==> flow/design.v <==
module dp_plus_rtl #(
    parameter DATA_WIDTH = 8
) (
    input wire clk,
    input wire rst_ni,
    input wire [DATA_WIDTH-1:0] i_da,
    input wire [DATA_WIDTH-1:0] i_db,
    input wire i_cin,
    output reg [DATA_WIDTH-1:0] o_total,
    output reg o_ovf
);
    localparam GROUPS = DATA_WIDTH / 4;
    wire [DATA_WIDTH-1:0] tmp;
    wire [GROUPS:0] carry;
    assign carry[0] = i_cin;
    genvar g;
    generate
        for (g = 0; g < GROUPS; g = g + 1) begin : slice
            dp_plus_rtl_nibble el (.a(i_da[4*g +: 4]), .b(i_db[4*g +: 4]), .ci(carry[g]), .s(tmp[4*g +: 4]), .co(carry[g+1]));
        end
    endgenerate
    always @(posedge clk or negedge rst_ni) begin
        if (~rst_ni) begin
            o_total <= 0;
        end else begin
            o_total <= tmp;
        end
    end
    always @(posedge clk or negedge rst_ni) begin
        if (~rst_ni) begin
            o_ovf <= 1'b0;
        end else begin
            o_ovf <= carry[GROUPS];
        end
    end
endmodule
module dp_plus_rtl_nibble (
    input wire [3:0] a,
    input wire [3:0] b,
    input wire ci,
    output wire [3:0] s,
    output wire co
);
    wire [3:0] g = a & b;
    wire [3:0] p = a ^ b;
    wire c1 = g[0] | (p[0] & ci);
    wire c2 = g[1] | (p[1] & g[0]) | (p[1] & p[0] & ci);
    wire c3 = g[2] | (p[2] & g[1]) | (p[2] & p[1] & g[0]) | (p[2] & p[1] & p[0] & ci);
    assign co = g[3] | (p[3] & g[2]) | (p[3] & p[2] & g[1]) | (p[3] & p[2] & p[1] & g[0]) | (&p & ci);
    assign s = p ^ {c3, c2, c1, ci};
endmodule
Step by step through the tools: dp_plus_rtl
Tool output for the design above, in the order of the flow.
Line numbers count from 1 in the design file above.
Library cell names are shortened.
The mark -- stands for no value.
- design top: dp_plus_rtl
- clock: clk
- library: sky130hd
- library corner: tt_025C_1v80

After elaboration
Yosys after proc, flatten, opt, wreduce and memory -nomap, before mapping. Enables and synchronous resets that opt folds into registers are not counted as muxes. Memory bits, and registers merged into a memory's read port (data or address), are not among the register bits. Print and check cells are not counted. Equal cells are merged and count once.
- cells after elaboration: 60
- bits of input ports: 19
- noted bits in registers: 9
- output and inout bits: 9
- noted reduce/logical cells: 2
- bitwise gates (word level): 56
- operator list (operator ; number):
    1-bit AND ; 30
    1-bit bitwise OR ; 20
    4-bit XOR ; 4
    4-bit AND ; 2
    4-bit AND reduction ; 2

Logic depth
Depth = most cells in a row (Yosys ltp): at word level without a register or memory, in the mapped netlist without a sequential cell, where the memories' decode and read muxes count.
- noted depth in word-level cells: 9
- ABC_AREA at 1
- noted mapped depth: 9

Netlist
Source: synth_stat.txt of the flow (Yosys; design flattened, memories mapped). It holds for the ABC_AREA given above (unset counts as 0); a run with the other value may have another netlist.
- cell types (cell type ; number):
    dfrtp_1 ; 9
    ha_1 ; 8
    inv_1 ; 14
    nand2_1 ; 14
    fa_1 ; 2
    xor2_1 ; 3
    nand2_2 ; 4
    a21oi_1 ; 2
    nand3_1 ; 2
    nand3_2 ; 1
    a21oi_2 ; 1
    xnor2_1 ; 1
    a21o_1 ; 1
    nor2_1 ; 2
    a31oi_1 ; 1
- cell area after synthesis: 0.0005906 mm²
- noted flip-flop cells: 9
- cell count at 65

Worst setup path after synthesis
Path of least setup slack by OpenSTA after synthesis, without wires, with an ideal clock, recovery checks aside; 20% of the period is set as input and as output delay. Where synthesis merged equal registers, the netlist keeps one of their names.
- path type: input to register
- from: input port i_da[1]
- to: register o_total[5]
- path slack at 649 ps
- driving pins on the path at 7
- arrival time at 1556 ps
- noted setup time: 124 ps
- noted time at the first pin: 466 ps
- noted path delay: 1214 ps
- clock period at 2330 ps
- synthesis period reached: 1681 ps
"path delay" is the arrival time less input delay plus setup time.
"driving pins on the path" counts driving pins, that of a launching flip-flop among them; a cell with two outputs on the path counts twice.
"synthesis period reached" is the clock period less the worst setup slack; recovery checks do not enter. This is arithmetic on one report: input and output delays are still those of the set period (20% each).
The rows between start and end are the longest chain of elaborated cells between them; the timing report does not say that the signal goes this way. Where chains are equally long, one stands for them.
Each line given opens the expression or statement behind the cell; cells for indexed reads and writes are added by Yosys, which also makes memories of some case tables.
- path through: ha_1 inv_1 nand2_2 nand3_2 nand2_2 fa_1 xor2_1
- cells in the longest elaborated chain at 8
- noted elaborated cells on any way between the ends: 13
- source lines of those cells: 5
- ends and longest elaborated chain, post-synthesis (item ; RTL line ; text):
    start, declared ; 6 ; input wire [DATA_WIDTH-1:0] i_da,
    4-bit AND ; 44 ; wire [3:0] g = a & b;
    1-bit AND ; 49 ; assign co = g[3] | (p[3] & g[2]) | (p[3] & p[2] & g[1]) | (p[3] & p[2] & p[1] & g[0]) | (&p & ci);
    1-bit bitwise OR x3 ; 49 ;
    1-bit AND ; 46 ; wire c1 = g[0] | (p[0] & ci);
    1-bit bitwise OR ; 46 ;
    4-bit XOR ; 50 ; assign s = p ^ {c3, c2, c1, ci};
    end, assigned ; 24 ; o_total <= 0;
    end, assigned ; 26 ; o_total <= tmp;
    end, declared ; 9 ; output reg [DATA_WIDTH-1:0] o_total,

Timing after layout
From the final timing report of stored run 1: the path of least setup slack in the routed layout; clock arrival at registers is part of the times.
The path's times are printed in steps of 10 ps; the period is the one set.
- path type: input to register
- from: input port i_da[0]
- to: register o_total[5]
- noted time at the first pin: 520 ps
- noted setup time: 120 ps
- driving pins on the path at 8
- arrival time at 2120 ps
- clock period at 2580 ps
- path slack at 590 ps
The rows between start and end are the longest chain of elaborated cells between them; the timing report does not say that the signal goes this way. Where chains are equally long, one stands for them.
- path through: clkdlybuf4s50_1 ha_1 nand2_1 nand2_1 nand3_2 nand2_2 fa_1 xor2_1
- cells in the longest elaborated chain at 7
- noted elaborated cells on any way between the ends: 10
- source lines of those cells: 5
- ends and longest elaborated chain, after layout (item ; RTL line ; text):
    start, declared ; 6 ; input wire [DATA_WIDTH-1:0] i_da,
    4-bit AND ; 44 ; wire [3:0] g = a & b;
    1-bit AND ; 49 ; assign co = g[3] | (p[3] & g[2]) | (p[3] & p[2] & g[1]) | (p[3] & p[2] & p[1] & g[0]) | (&p & ci);
    1-bit bitwise OR x2 ; 49 ;
    1-bit AND ; 46 ; wire c1 = g[0] | (p[0] & ci);
    1-bit bitwise OR ; 46 ;
    4-bit XOR ; 50 ; assign s = p ^ {c3, c2, c1, ci};
    end, assigned ; 24 ; o_total <= 0;
    end, assigned ; 26 ; o_total <= tmp;
    end, declared ; 9 ; output reg [DATA_WIDTH-1:0] o_total,

Add stored flow runs of dp_plus_rtl

Flow measurements of dp_plus_rtl on sky130hd: 3 stored runs with different settings, listed in no order. Input and output delays are each 20% of the period that was set; the output load is 0.01 pF.
"achieved clock period" means the clock period less the worst setup slack. The figure is calculated, with input and output delays left at 20% of the set period.
By "critical setup path time" is meant the share of the clock period that the worst setup path is allowed (20% is reserved at inputs, 20% at outputs), minus its slack. Clock arrival times at its registers enter into it.
"overall power": no workload was simulated; the value follows from the tool's default switching activity.
"critical setup path time" is known to 10 ps.

Stored run 1

==> flow/run.sh <==
#!/bin/bash
# the make line also repeats the synthesis and layout settings of config.mk as NAME=value (left out here)
make -C /OpenROAD-flow-scripts/flow DESIGN_CONFIG=/design/flow/config.mk WORK_HOME=/design/flow/orfs CLKGATE_MAP_FILE= finish
==> flow/config.mk <==
export PLATFORM = sky130hd
export DESIGN_NAME = dp_plus_rtl
export DESIGN_NICKNAME = dp_plus_rtl
export VERILOG_FILES = /design/flow/design.v
export SDC_FILE = /design/flow/constraint.sdc
export NUM_CORES = 4
export LEC_CHECK = 0
export ABC_AREA = 1
export CAP_MARGIN = 20
export CELL_PAD_IN_SITES_DETAIL_PLACEMENT = 0
export CORE_ASPECT_RATIO = 1.0
export CORE_MARGIN = 2
export CORE_UTILIZATION = 23
export CTS_CLUSTER_SIZE = 33
export GPL_ROUTABILITY_DRIVEN = 1
export GPL_TIMING_DRIVEN = 0
export PLACE_DENSITY = 0.77
export SETUP_SLACK_MARGIN = 0.47
export SLEW_MARGIN = 20
export TNS_END_PERCENT = 95
==> flow/constraint.sdc <==
create_clock -name core_clock -period 2.58 [get_ports {clk}]
set_input_delay 0.5160 -clock core_clock [delete_from_list [all_inputs] [get_ports {clk}]]
set_output_delay 0.5160 -clock core_clock [all_outputs]
set_load 0.01 [all_outputs]

Measured in stored run 1:
- area of the synthesized netlist at 0.0005906 mm²
- overall die area: 0.0029888 mm²
- standard-cell area after layout at 0.0009246 mm²
- utilization after layout at 37.7%
- setup slack of the worst path: 593 ps
- noted the overall power: 0.4486 mW
- noted the achieved clock period: 1987 ps
- noted the critical setup path time: 1470 ps
- type of the worst setup path: input to register

Stored run 2

==> flow/run.sh <==
#!/bin/bash
# the make line also repeats the synthesis and layout settings of config.mk as NAME=value (left out here)
make -C /OpenROAD-flow-scripts/flow DESIGN_CONFIG=/design/flow/config.mk WORK_HOME=/design/flow/orfs CLKGATE_MAP_FILE= finish
==> flow/config.mk <==
export PLATFORM = sky130hd
export DESIGN_NAME = dp_plus_rtl
export DESIGN_NICKNAME = dp_plus_rtl
export VERILOG_FILES = /design/flow/design.v
export SDC_FILE = /design/flow/constraint.sdc
export NUM_CORES = 4
export LEC_CHECK = 0
export CAP_MARGIN = 20
export CORE_MARGIN = 2
export CORE_UTILIZATION = 40
export SLEW_MARGIN = 20
==> flow/constraint.sdc <==
create_clock -name core_clock -period 2.33 [get_ports {clk}]
set_input_delay 0.4660 -clock core_clock [delete_from_list [all_inputs] [get_ports {clk}]]
set_output_delay 0.4660 -clock core_clock [all_outputs]
set_load 0.01 [all_outputs]

Measured in stored run 2:
- area of the synthesized netlist at 0.0005468 mm²
- overall die area: 0.0016785 mm²
- standard-cell area after layout at 0.0008921 mm²
- utilization after layout at 69.4%
- setup slack of the worst path: 158 ps
- noted the overall power: 0.5053 mW
- noted the achieved clock period: 2172 ps
- noted the critical setup path time: 1710 ps
- type of the worst setup path: input to register

Stored run 3

==> flow/run.sh <==
#!/bin/bash
# the make line also repeats the synthesis and layout settings of config.mk as NAME=value (left out here)
make -C /OpenROAD-flow-scripts/flow DESIGN_CONFIG=/design/flow/config.mk WORK_HOME=/design/flow/orfs CLKGATE_MAP_FILE= finish
==> flow/config.mk <==
export PLATFORM = sky130hd
export DESIGN_NAME = dp_plus_rtl
export DESIGN_NICKNAME = dp_plus_rtl
export VERILOG_FILES = /design/flow/design.v
export SDC_FILE = /design/flow/constraint.sdc
export NUM_CORES = 4
export LEC_CHECK = 0
export ABC_AREA = 1
export CAP_MARGIN = 40
export CELL_PAD_IN_SITES_DETAIL_PLACEMENT = 2
export CELL_PAD_IN_SITES_GLOBAL_PLACEMENT = 3
export CORE_MARGIN = 2
export CORE_UTILIZATION = 58
export CTS_CLUSTER_SIZE = 11
export GPL_ROUTABILITY_DRIVEN = 1
export MAX_ROUTING_LAYER = met4
export MIN_ROUTING_LAYER = met1
export SLEW_MARGIN = 15
export TNS_END_PERCENT = 25
==> flow/constraint.sdc <==
create_clock -name core_clock -period 1.99 [get_ports {clk}]
set_input_delay 0.3980 -clock core_clock [delete_from_list [all_inputs] [get_ports {clk}]]
set_output_delay 0.3980 -clock core_clock [all_outputs]
set_load 0.01 [all_outputs]

Stored run 3: stopped before the end: placement reported GPL-0301.
